==> flow/design.v <==
module u_mul_unit_rtl_add_row #(parameter N = 4) (
    input wire [N-1:0] a,
    input wire sel,
    input wire [N-1:0] pin,
    output wire [N:0] pout
);
    assign pout = pin + (a & {N{sel}});
endmodule
module u_mul_unit_rtl #(
    parameter DWIDTH = 8
) (
    input wire sys_clk,
    input wire [DWIDTH-1:0] u,
    input wire [DWIDTH-1:0] v,
    output reg [2*DWIDTH-1:0] p
);
    wire [DWIDTH:0] node [0:DWIDTH];
    wire [DWIDTH-1:0] lo;
    assign node[0] = 0;
    genvar i;
    generate
        for (i = 0; i < DWIDTH; i = i + 1) begin : slice
            u_mul_unit_rtl_add_row #(.N(DWIDTH)) i_sub (.a(u), .sel(v[i]), .pin(node[i][DWIDTH:1]), .pout(node[i+1]));
            assign lo[i] = node[i+1][0];
        end
    endgenerate
    always @(posedge sys_clk) begin
        p <= {node[DWIDTH][DWIDTH:1], lo};
    end
endmodule
======== Tool chain data of u_mul_unit_rtl ========
Tool output for the members of one design family, told apart by "DWIDTH", in the order of the flow.
The RTL above is that of DWIDTH=8; lines are counted from 1 in the file of the member named.
Operators: Yosys type, input widths -> output width; for muxes data width and select width s.
Cell names lack the library's common part.
The mark - stands for no value.
set-up
  top module .............................. u_mul_unit_rtl
  clock input ............................. sys_clk
  cell library ............................ sky130hd
  library corner .......................... tt_025C_1v80

======== Source of the members ========
New or changed lines of each further member against the RTL above, in its own file; lines it lacks are not shown.
lines new or changed
  DWIDTH  RTL line  source
  10      10        parameter DWIDTH = 10
  14      10        parameter DWIDTH = 14
  22      10        parameter DWIDTH = 22

======== Word level ========
Source: Yosys, flattened and elaborated, memories not mapped. Widths are those after wreduce; folded enables and synchronous resets count as part of the registers. Registers that Yosys merges into a memory's read port (data or address) are not register bits. Print and check cells do not count. Equal cells are merged and count once.
bit counts
  DWIDTH  output and inout port bits  cells after elaboration  input port bits  register bits after elaboration
  8       16                          16                       17               16
  10      20                          20                       21               20
  14      28                          28                       29               28
  22      44                          44                       45               44
cells by class
  DWIDTH  bitwise logic cells  add/subtract/negate cells
  8       8                    7
  10      10                   9
  14      14                   13
  22      22                   21
operators with widths
  DWIDTH  kind and count
  8       $and 8x8->8 (8); $add 8x9->9 (6); $add 7x9->9 (1)
  10      $and 10x10->10 (10); $add 10x11->11 (8); $add 9x11->11 (1)
  14      $and 14x14->14 (14); $add 14x15->15 (12); $add 13x15->15 (1)
  22      $and 22x22->22 (22); $add 22x23->23 (20); $add 21x23->23 (1)

======== Logic depth ========
Longest topological path by Yosys (ltp), each cell counted once; first at word level (registers and memories cut), then after technology mapping (sequential cells cut; the memories' decode and read muxes count).
depth
  DWIDTH  word-level depth  ABC_AREA  gate-level depth with buffers  depth with buffers taken out
  8       8                 0         36                             36
  10      10                0         49                             48
  14      14                0         77                             75
  22      22                0         129                            127

======== After synthesis ========
Source: synth_stat.txt of the flow (Yosys; design flattened, memories mapped). It holds for the ABC_AREA given above (unset counts as 0); a run with the other value may have another netlist.
synthesis totals
  DWIDTH  buffer cells  cell count  cell area after synthesis (sq um)  sequential part of the area (sq um)  flip-flops
  8       0             356         2856.5                             320.3                                16
  10      1             573         4712.0                             400.4                                20
  14      35            1308        9700.6                             560.5                                28
  22      103           3369        24481.0                            880.8                                44
cell types
  DWIDTH  types with counts
  8       ha_1 (55); and2_1 (59); dfxtp_1 (16); xnor2_1 (26); fa_1 (7); a21oi_1 (23); nor2_1 (29); inv_1 (24); xor2_1 (10); nand2_1 (21); a21oi_2 (8); o21a_1 (9); nor2b_1 (10); o21ai_1 (11); o21ai_2 (4); a21boi_2 (3); nor3_1 (6); and3b_1 (3); (+32)
  10      ha_1 (90); and2_1 (103); xnor2_1 (53); dfxtp_1 (20); a21oi_1 (56); a21o_1 (24); fa_1 (9); xor2_1 (19); a2111oi_4 (5); inv_1 (34); o21ai_0 (23); nand2_1 (26); and3_1 (14); a21oi_2 (9); nor2b_1 (10); and3_4 (5); nand2b_1 (9); o21bai_2 (5); (+59)
  14      ha_1 (181); and2_1 (187); xnor2_1 (90); dfxtp_1 (28); a21oi_1 (105); a21o_1 (66); o21ai_0 (71); nor2_1 (94); xor2_1 (37); fa_1 (13); o21a_1 (33); inv_1 (57); nand2_1 (50); a211oi_1 (24); a31oi_1 (27); nor2b_1 (26); nor3_1 (28); clkbuf_1 (35); (+156)
  22      ha_1 (461); and2_1 (472); xnor2_1 (290); a21oi_1 (347); a21o_1 (226); xor2_1 (108); dfxtp_1 (44); o21ai_0 (161); nand2_1 (179); nor2_1 (166); inv_1 (164); o21a_1 (59); fa_1 (21); clkbuf_1 (102); o21bai_1 (43); nor2b_1 (50); nand3_1 (61); nand2b_1 (42); (+373)
The mark (+n) counts cells that are not listed.
The figures by module come from a second, unflattened synthesis with its own total; it is not the netlist above.
unflattened totals
  DWIDTH  cells (unflattened synthesis)  area total of the unflattened synthesis (sq um)
  8       417                            3316.9
  10      661                            5283.8
  14      1583                           11179.5
  22      3983                           27640.3

======== Worst setup path after synthesis ========
Path of least setup slack by OpenSTA after synthesis, without wires, with an ideal clock, recovery checks aside; 20% of the period is set as input and as output delay. Where synthesis merged equal registers, the netlist keeps one of their names.
timing path post-synthesis
  DWIDTH  path type     start       end             setup slack (ps)  period (ps)  path delay (ps)  stages  synthesis period reached (ps)
  8       input-to-reg  input u[1]  register p[14]  1465              9140         5847             33      7675
  10      input-to-reg  input u[1]  register p[17]  2442              15300        9798             44      12858
  14      input-to-reg  input v[1]  register p[25]  3445              21500        13755            74      18055
  22      input-to-reg  input u[1]  register p[43]  5442              34100        21838            119     28658
"path delay" is the arrival time less input delay plus setup time.
"stages" counts driving pins, that of a launching flip-flop among them; a cell with two outputs on the path counts twice.
"synthesis period reached" = period - worst setup slack (recovery checks aside). The figure is calculated, with input and output delays left at 20% of the set period.
The rows between start and end are the longest chain of elaborated cells between them; the timing report does not say that the signal goes this way. Where chains are equally long, one stands for them.
A line is the first line of the expression or statement that the cell stems from. Yosys adds cells for indexed reads and writes and turns some case tables into memories.
on the way, post-synthesis, DWIDTH=8
  length of the longest elaborated chain .. 8
RTL lines, path post-synthesis, DWIDTH=8
  element                   RTL line  source
  start: declaration        13        input wire [DWIDTH-1:0] u,
  $and 8x8->8               7         assign pout = pin + (a & {N{sel}});
  $add 7x9->9               7
  $add 8x9->9 (6 in a row)  7
  end: assignment           28        p <= {node[DWIDTH][DWIDTH:1], lo};
  end: declaration          15        output reg [2*DWIDTH-1:0] p
on the way, post-synthesis, DWIDTH=22
  length of the longest elaborated chain .. 22
RTL lines, path post-synthesis, DWIDTH=22
  element                       RTL line  source
  start: declaration            13        input wire [DWIDTH-1:0] u,
  $and 22x22->22                7         assign pout = pin + (a & {N{sel}});
  $add 21x23->23                7
  $add 22x23->23 (20 in a row)  7
  end: assignment               28        p <= {node[DWIDTH][DWIDTH:1], lo};
  end: declaration              15        output reg [2*DWIDTH-1:0] p

======== Path in the finished layout ========
Path of least setup slack in the final report of the run of each member (OpenROAD, finished layout, wires in). Where an end is a register, its clock arrival counts in the times.
The report prints the path's times to 10 ps; the period is as set.
timing path after layout
  DWIDTH  path type     start       end             stages  data arrival time (ps)  period (ps)  path buffers  setup slack (ps)
  8       input-to-reg  input u[1]  register p[14]  35      8760                    9140         1             570
  10      input-to-reg  input u[1]  register p[17]  44      14310                   15300        1             1190
  14      input-to-reg  input v[1]  register p[25]  72      20260                   21500        1             1410
  22      input-to-reg  input u[6]  register p[43]  117     32350                   34100        2             1980

======== Flow runs ========
One run of the flow (Yosys, OpenROAD) for each member, with settings and measured results. Input and output delays are each 20% of the period that was set; the output load is 0.01 pF.
flow settings
  CAP_MARGIN .............................. 20
  CORE_MARGIN ............................. 2
  CORE_UTILIZATION ........................ 40
  SLEW_MARGIN ............................. 20
settings that differ
  DWIDTH  period_ns
  8       9.14
  10      15.3
  14      21.5
  22      34.1
final reports
  DWIDTH  Yosys chip area after synthesis (sq um)  standard-cell area after layout (sq um)  die size (sq um)  setup slack of the worst path (ps)
  8       2856.5                                   3363.2                                   7833.1            567
  10      4712.0                                   5392.7                                   12664.1           1187
  14      9700.6                                   10656.5                                  25513.7           1410
  22      24481.0                                  26320.2                                  63196.9           1984
